==> flow/design.v <==
module dp_mpy_rtl #(
   parameter DW = 9
) (
   input logic sys_clk,
   input logic i_rst_n,
   input logic step,
   input logic [DW-1:0] opa,
   input logic [DW-1:0] opb,
   input logic [2*DW-1:0] opc,
   output logic [2*DW:0] p
);
   logic [DW-1:0] opa_d1;
   logic [DW-1:0] opb_d1;
   logic [2*DW-1:0] opc_d1;
   logic [2*DW-1:0] t_d1;
   logic [2*DW-1:0] opc_d1_d;
   logic [2*DW:0] p_d1;
   always_ff @(posedge sys_clk) begin
      if (!i_rst_n) begin
         opa_d1 <= 0;
         opb_d1 <= 0;
         opc_d1 <= 0;
         t_d1 <= 0;
         opc_d1_d <= 0;
         p_d1 <= 0;
      end else if (step) begin
         opa_d1 <= opa;
         opb_d1 <= opb;
         opc_d1 <= opc;
         t_d1 <= opa_d1 * opb_d1;
         opc_d1_d <= opc_d1;
         p_d1 <= t_d1 + opc_d1_d;
      end
   end
   assign p = p_d1;
endmodule
* Step by step through the tools: dp_mpy_rtl *
Tool output for the members of one design family, told apart by "DW", in the order of the flow.
The RTL above is that of DW=9; lines are counted from 1 in the file of the member named.
Library cell names are shortened.
The mark -- stands for no value.

inputs
  top module = dp_mpy_rtl
  clock port = sys_clk
  standard-cell library = sky130hd
  library corner = tt_025C_1v80

* Source of the members *
Lines of each other member's file that are new or changed against the file above; lines that a member lacks are not shown.

new or changed lines
  DW  RTL line  text
  12  2         parameter DW = 12
  20  2         parameter DW = 20

* Elaborated design *
Source: Yosys, flattened and elaborated, memories not mapped. Widths are those after wreduce; folded enables and synchronous resets count as part of the registers. Registers that Yosys merges into a memory's read port (data or address) are not register bits. Print and check cells do not count. Equal cells are merged and count once.

cells by class
  DW  magnitude comparators  muxes and demuxes  eq/ne operators  divide/modulo/power cells  reduce/logical cells  add/subtract/negate cells  shift operators  bitwise operators  multipliers
  9   0                      0                  0                0                          0                     1                          0                0                  1
  12  0                      0                  0                0                          0                     1                          0                0                  1
  20  0                      0                  0                0                          0                     1                          0                0                  1

operators with widths
  DW  kinds with counts
  9   multiplier 9 x 9 -> 18 bit (1); adder 18 x 18 -> 19 bit (1)
  12  multiplier 12 x 12 -> 24 bit (1); adder 24 x 24 -> 25 bit (1)
  20  multiplier 20 x 20 -> 40 bit (1); adder 40 x 40 -> 41 bit (1)

storage and ports
  DW  word width x clocked read ports  RAM bits  flip-flop bits (word level)  output and inout port bits  word-level cells  bits in latches  ROM bits  memories  bits of input ports
  9   0                                0         91                           19                          8                 0                0         0         39
  12  0                                0         121                          25                          8                 0                0         0         51
  20  0                                0         201                          41                          8                 0                0         0         83

* Depth *
Longest topological path by Yosys (ltp), each cell counted once; first at word level (registers and memories cut), then after technology mapping (sequential cells cut; the memories' decode and read muxes count).

depth
  DW  word-level depth  ABC_AREA  mapped depth  mapped depth without buffers
  9   1                 0         18            17
  12  1                 0         20            19
  20  1                 0         26            24

* Synthesis result *
The flow's flattened synthesis, as Yosys stat reports it; memories are mapped. The netlist is that of the ABC_AREA named above (0 if unset); the other value can give another one.
Totals and module areas in this step are rounded.

cells by type
  DW  type and count
  9   dfxtp_1 (91); fa_1 (51); ha_1 (56); mux2i_1 (64); nor2_1 (89); and2_1 (47); inv_1 (73); nand2_1 (65); a21oi_1 (32); o21ai_0 (23); clkbuf_1 (24); xnor2_1 (7); o21a_1 (8); a21o_1 (7); xor2_1 (6); a32o_1 (5); nand3_1 (10); a211oi_1 (6); (+78)
  12  dfxtp_1 (121); fa_1 (101); ha_1 (86); mux2i_1 (90); nor2b_1 (97); inv_1 (148); nand2_1 (135); and2_1 (53); a21oi_1 (36); clkbuf_1 (45); xnor2_1 (19); o21ai_0 (29); o21a_1 (17); a21o_1 (14); nand3_1 (20); buf_6 (7); nor2_1 (19); nor3_1 (12); (+110)
  20  fa_1 (321); dfxtp_1 (201); ha_1 (190); mux2i_1 (152); and2_1 (233); inv_1 (373); nor2b_1 (161); nand2_1 (258); a21oi_1 (96); clkbuf_1 (126); o21ai_0 (70); xnor2_1 (39); a21o_1 (33); nand4_1 (28); nor2_1 (44); xor2_1 (18); nand3_1 (31); o21bai_1 (16); (+227)

The mark (+n) counts cells that are not listed.

mapped netlist
  DW  flip-flop cells  buffers  cells in the netlist  mapped area (um^2)
  9   91               36       742                   6600
  12  121              62       1159                  10000
  20  201              168      2617                  24000

* Timing after synthesis *
Path of least setup slack by OpenSTA after synthesis, without wires, with an ideal clock, recovery checks aside; 20% of the period is set as input and as output delay. Where synthesis merged equal registers, the netlist keeps one of their names.

timing path after synthesis
  DW  kind                  start           end           delay of the path (ps)  clock period (ps)  driving pins on the path  path slack (ps)  synthesis period reached (ps)
  9   register to register  reg opa_d1[0]   reg t_d1[15]  4316                    5390               17                        1074             4316
  12  register to register  reg opa_d1[9]   reg t_d1[22]  5025                    6280               19                        1255             5025
  20  register to register  reg opa_d1[12]  reg t_d1[37]  6169                    7710               25                        1541             6169

"delay of the path" = arrival - input delay + setup time.
"driving pins on the path" counts driving pins, that of a launching flip-flop among them; a cell with two outputs on the path counts twice.
"synthesis period reached" = period - worst setup slack (recovery checks aside). The figure is calculated, with input and output delays left at 20% of the set period.
The rows between start and end are the longest chain of elaborated cells between them; the timing report does not say that the signal goes this way. Where chains are equally long, one stands for them.
Each line given opens the expression or statement behind the cell; cells for indexed reads and writes are added by Yosys, which also makes memories of some case tables.

on the way, after synthesis, DW=9
  length of the longest elaborated chain = 1

ends and longest elaborated chain, after synthesis, DW=9
  what                        RTL line  text
  from (decl)                 12        logic [DW-1:0] opa_d1;
  from (assign)               20        opa_d1 <= 0;
  from (assign)               27        opa_d1 <= opa;
  multiplier 9 x 9 -> 18 bit  30        t_d1 <= opa_d1 * opb_d1;
  to (assign)                 23        t_d1 <= 0;
  to (assign)                 30
  to (decl)                   15        logic [2*DW-1:0] t_d1;

on the way, after synthesis, DW=20
  length of the longest elaborated chain = 1

ends and longest elaborated chain, after synthesis, DW=20
  what                          RTL line  text
  from (decl)                   12        logic [DW-1:0] opa_d1;
  from (assign)                 20        opa_d1 <= 0;
  from (assign)                 27        opa_d1 <= opa;
  multiplier 20 x 20 -> 40 bit  30        t_d1 <= opa_d1 * opb_d1;
  to (assign)                   23        t_d1 <= 0;
  to (assign)                   30
  to (decl)                     15        logic [2*DW-1:0] t_d1;

* Worst path after layout *
From the final timing report of the run of each member: the path of least setup slack in the routed layout; clock arrival at registers is part of the times.
The report prints the path's times to 10 ps; the period is as set.

timing path post-layout
  DW  kind                  start          end           driving pins on the path  clock period (ps)  path slack (ps)  arrival time (ps)
  9   register to register  reg opb_d1[6]  reg t_d1[15]  16                        5390               770              4870
  12  register to register  reg opb_d1[9]  reg t_d1[22]  17                        6280               930              5670
  20  register to register  reg opa_d1[9]  reg t_d1[32]  24                        7710               370              7850

* Measured runs *
One run of the flow (Yosys, OpenROAD) for each member, with settings and measured results. Input and output delays are each 20% of the period that was set; the output load is 0.01 pF.

flow settings
  CAP_MARGIN = 20
  CORE_MARGIN = 2
  CORE_UTILIZATION = 40
  SLEW_MARGIN = 20

settings that differ
  DW  period_ns
  9   5.39
  12  6.28
  20  7.71

measured results
  DW  power consumption (mW)  clock period achieved (ps)  die outline area (um^2)  synthesized cell area (um^2)  worst slack on setup checks (ps)  final utilization (%)  smallest hold slack (ps)
  9   1.6                     4620                        18000                    6600                          770                               47                     440
  12  2.3                     5352                        28000                    10000                         930                               46                     450
  20  3.6                     7335                        61000                    24000                         370                               45                     470

"clock period achieved" is the run's clock period less its worst setup slack. It is reckoned from that one timing run; input and output delays stay at 20% of the period that was set.
"power consumption" rests on the timing tool's default activity at the inputs, not on a simulated workload.
The measured numbers are rounded.
